==> flow/design.v <==
module dp_shifter_v2 #(
  parameter BITS = 8,
  parameter SEL_WIDTH = $clog2(BITS)
) (
  input logic core_clk,
  input logic ce,
  input logic [BITS-1:0] i_ch,
  input logic [SEL_WIDTH-1:0] i_count,
  output logic [BITS-1:0] o_res
);
  logic [BITS-1:0] r_ch;
  logic [SEL_WIDTH-1:0] r_count;
  always_ff @(posedge core_clk) begin
    if (ce) begin
      r_ch <= i_ch;
      r_count <= i_count;
      o_res <= r_ch << r_count;
    end
  end
endmodule
=== Step by step through the tools: dp_shifter_v2 ===
Module dp_shifter_v2 in several versions that differ in "BITS"; each step lists the members.
The RTL above is that of BITS = 8; lines are counted from 1 in the file of the member named.
Operators carry their Yosys type and port widths (W data, S select, Z words).
Cell names lack the library's common part.
Not given: --

* Top: dp_shifter_v2
* Clock port: core_clk
* Standard-cell library: sky130hd
* Corner: tt_025C_1v80

=== Source of the members ===
New or changed lines of each further member against the RTL above, in its own file; lines it lacks are not shown.

{| class="wikitable"
|+ Lines new or changed
! BITS !! RTL line !! text
|-
| 12 || 2 || <nowiki>parameter BITS = 12,</nowiki>
|-
| 24 || 2 || <nowiki>parameter BITS = 24,</nowiki>
|-
| 80 || 2 || <nowiki>parameter BITS = 80,</nowiki>
|}

=== Word-level counts ===
Source: Yosys, flattened and elaborated, memories not mapped. Widths are those after wreduce; folded enables and synchronous resets count as part of the registers. Registers that Yosys merges into a memory's read port (data or address) are not register bits. Print and check cells do not count. Equal cells are merged and count once.

{| class="wikitable"
|+ Operators by class
! BITS !! add/subtract/negate cells !! multiply operators !! divide/modulo/power cells !! magnitude comparators !! equal/unequal tests !! shift operators !! muxes and demuxes !! bitwise logic cells !! reduce/logical cells
|-
| 8 || 0 || 0 || 0 || 0 || 0 || 1 || 0 || 0 || 0
|-
| 12 || 0 || 0 || 0 || 0 || 0 || 1 || 0 || 0 || 0
|-
| 24 || 0 || 0 || 0 || 0 || 0 || 1 || 0 || 0 || 0
|-
| 80 || 0 || 0 || 0 || 0 || 0 || 1 || 0 || 0 || 0
|}

{| class="wikitable"
|+ Operators with widths
! BITS !! kind and count
|-
| 8 || $shl A8 B3 Y8: 1
|-
| 12 || $shl A12 B4 Y12: 1
|-
| 24 || $shl A24 B5 Y24: 1
|-
| 80 || $shl A80 B7 Y80: 1
|}

{| class="wikitable"
|+ Bit counts
! BITS !! flip-flop bits (word level) !! bits in latches !! RAM bits !! memory bits (read-only) !! clocked read ports x word width !! memories kept
|-
| 8 || 19 || 0 || 0 || 0 || 0 || 0
|-
| 12 || 28 || 0 || 0 || 0 || 0 || 0
|-
| 24 || 53 || 0 || 0 || 0 || 0 || 0
|-
| 80 || 167 || 0 || 0 || 0 || 0 || 0
|}

=== Logic depth ===
Yosys ltp: most cells in a row. Word level: on the elaborated netlist, between registers, memories and ports. Mapped: between sequential cells and ports; inverters and the memories' decode and read muxes count.

{| class="wikitable"
|+ Depth
! BITS !! depth in word-level cells !! ABC_AREA !! gate-level depth with buffers !! mapped depth without buffers
|-
| 8 || 1 || 0 || 4 || 3
|-
| 12 || 1 || 0 || 5 || 3
|-
| 24 || 1 || 0 || 8 || 4
|-
| 80 || 1 || 0 || 10 || 5
|}

=== After synthesis ===
Source: synth_stat.txt of the flow (Yosys; design flattened, memories mapped). It holds for the ABC_AREA given above (unset counts as 0); a run with the other value may have another netlist.
Totals and module areas in this step are rounded.

{| class="wikitable"
|+ Cell types
! BITS !! types with counts
|-
| 8 || edfxtp_1: 19; mux2_4: 2; mux2_2: 2; mux4_2: 1; nand2b_1: 3; a211oi_1: 2; a22oi_1: 2; and2b_1: 2; nor3_1: 3; buf_6: 1; mux2_1: 1; nor2_1: 3; mux2i_1: 1; o21ai_0: 2; a2111oi_0: 1; clkbuf_1: 2; and3_1: 1; nor2b_1: 1; o22ai_1: 1
|-
| 12 || edfxtp_1: 28; mux4_1: 5; mux4_2: 5; mux2i_1: 10; nand2b_1: 4; buf_6: 2; buf_12: 1; and2_1: 3; nor2_1: 4; o21ai_1: 3; mux2_2: 1; nand2_1: 3; a22oi_1: 1; clkbuf_1: 2; nand3b_1: 1; nor3b_1: 1; nor2b_1: 1; a21oi_1: 1; (+2)
|-
| 24 || edfxtp_1: 53; mux2i_1: 25; mux4_2: 11; mux4_1: 5; mux2_2: 6; nor2_1: 18; a211oi_1: 7; buf_6: 4; buf_12: 2; o221ai_1: 4; nand2b_1: 5; a2bb2oi_2: 2; a21oi_1: 5; nand3_1: 5; a22oi_1: 3; clkbuf_1: 6; mux2_1: 2; nand2_1: 6; (+26)
|-
| 80 || edfxtp_1: 167; mux4_2: 82; mux2i_1: 89; mux2_2: 59; nor2_1: 80; nand2_1: 60; o22ai_1: 29; mux4_1: 6; o221ai_1: 18; o211ai_1: 18; clkbuf_1: 35; buf_2: 20; o21ai_0: 19; a211oi_1: 12; a21oi_1: 15; a2bb2oi_1: 8; nand2b_1: 11; nor3_1: 13; (+162)
|}

A list marked (+n) leaves out that many cells.

{| class="wikitable"
|+ Mapped netlist
! BITS !! standard cells after synthesis !! synthesis area (sq mm) !! flip-flop cells !! buffer cells
|-
| 8 || 50 || 0.00081 || 19 || 3
|-
| 12 || 78 || 0.0014 || 28 || 5
|-
| 24 || 195 || 0.0029 || 53 || 15
|-
| 80 || 903 || 0.012 || 167 || 78
|}

=== Timing after synthesis ===
Source: OpenSTA report_checks on the synthesized netlist (no wires, ideal clock, input and output delay 20% of the period each), path of least setup slack; recovery checks are left aside. Register names are those of the netlist, which keeps one name where synthesis merged equal registers.

{| class="wikitable"
|+ Timing path after synthesis
! BITS !! path kind !! start !! end !! clock period (ps) !! setup slack (ps) !! driving pins on the path !! delay of the path (ps) !! period reached after synthesis (ps)
|-
| 8 || register to register || register r_count[0] || register o_res[6] || 1890 || 379 || 4 || 1511 || 1511
|-
| 12 || register to register || register r_count[0] || register o_res[9] || 1910 || 382 || 5 || 1528 || 1528
|-
| 24 || register to register || register r_count[0] || register o_res[17] || 2260 || 450 || 7 || 1810 || 1810
|-
| 80 || register to register || register r_count[3] || register o_res[73] || 3150 || 627 || 9 || 2523 || 2523
|}

"delay of the path" = arrival - input delay + setup time.
"driving pins on the path" counts driving pins, that of a launching flip-flop among them; a cell with two outputs on the path counts twice.
"period reached after synthesis" is the clock period less the worst setup slack; recovery checks do not enter. This is arithmetic on one report: input and output delays are still those of the set period (20% each).
Between the ends stands the longest chain of elaborated cells between them, by number of cells; it is not shown to be the way that was timed. Of several equally long chains one is given.
Each line given opens the expression or statement behind the cell; cells for indexed reads and writes are added by Yosys, which also makes memories of some case tables.

On the way, after synthesis, BITS = 8:
* Length of the longest elaborated chain: 1

{| class="wikitable"
|+ Ends and longest elaborated chain, after synthesis, BITS = 8
! what !! RTL line !! text
|-
| start: declaration || 12 || <nowiki>logic [SEL_WIDTH-1:0] r_count;</nowiki>
|-
| start: assignment || 16 || <nowiki>r_count <= i_count;</nowiki>
|-
| $shl A8 B3 Y8 || 17 || <nowiki>o_res <= r_ch << r_count;</nowiki>
|-
| end: assignment || 17 ||
|-
| end: declaration || 9 || <nowiki>output logic [BITS-1:0] o_res</nowiki>
|}

On the way, after synthesis, BITS = 80:
* Length of the longest elaborated chain: 1

{| class="wikitable"
|+ Ends and longest elaborated chain, after synthesis, BITS = 80
! what !! RTL line !! text
|-
| start: declaration || 12 || <nowiki>logic [SEL_WIDTH-1:0] r_count;</nowiki>
|-
| start: assignment || 16 || <nowiki>r_count <= i_count;</nowiki>
|-
| $shl A80 B7 Y80 || 17 || <nowiki>o_res <= r_ch << r_count;</nowiki>
|-
| end: assignment || 17 ||
|-
| end: declaration || 9 || <nowiki>output logic [BITS-1:0] o_res</nowiki>
|}

=== Worst path after layout ===
From the final timing report of each member's run: the path of least setup slack in the routed layout; clock arrival at registers is part of the times.
The report prints the path's times to 10 ps; the period is as set.

{| class="wikitable"
|+ Timing path post-layout
! BITS !! path kind !! start !! end !! clock period (ps) !! setup slack (ps) !! driving pins on the path !! arrival time (ps)
|-
| 8 || register to register || register r_count[0] || register o_res[6] || 1890 || 250 || 3 || 1670
|-
| 12 || register to register || register r_count[0] || register o_res[9] || 1910 || 180 || 5 || 1820
|-
| 24 || register to register || register r_count[0] || register o_res[16] || 2260 || 230 || 6 || 2090
|-
| 80 || register to register || register r_count[2] || register o_res[68] || 3150 || 200 || 9 || 3120
|}

=== Flow runs ===
Settings and results of one run of the flow (Yosys, OpenROAD) for each member follow. The constraints put input and output delay at 20% of the set period each and load the outputs with 0.01 pF.

* CAP_MARGIN: 20
* CORE_MARGIN: 2
* CORE_UTILIZATION: 40
* SLEW_MARGIN: 20

{| class="wikitable"
|+ Settings that differ
! BITS !! period_ns
|-
| 8 || 1.89
|-
| 12 || 1.91
|-
| 24 || 2.26
|-
| 80 || 3.15
|}

{| class="wikitable"
|+ Measured results
! BITS !! synthesized cell area (sq mm) !! area inside the die boundary (sq mm) !! standard-cell area of the final layout (sq mm) !! post-route utilization !! setup slack of the worst path (ps) !! total negative slack (ps) !! smallest hold slack (ps) !! total power of the final layout (µW) !! period achieved (ps)
|-
| 8 || 0.00081 || 0.0024 || 0.0011 || 0.55 || 250 || 0 || 640 || 850 || 1639
|-
| 12 || 0.0014 || 0.0039 || 0.0018 || 0.54 || 180 || 0 || 600 || 1300 || 1726
|-
| 24 || 0.0029 || 0.0079 || 0.0036 || 0.52 || 230 || 0 || 670 || 2300 || 2027
|-
| 80 || 0.012 || 0.03 || 0.015 || 0.51 || 200 || 0 || 660 || 7300 || 2948
|}

By "period achieved" is meant the clock period of the run minus its worst setup slack. This is arithmetic on one report: input and output delays are still those of the set period (20% each).
"total power of the final layout": no workload was simulated; the value follows from the tool's default switching activity.
Results are given in rounded form.
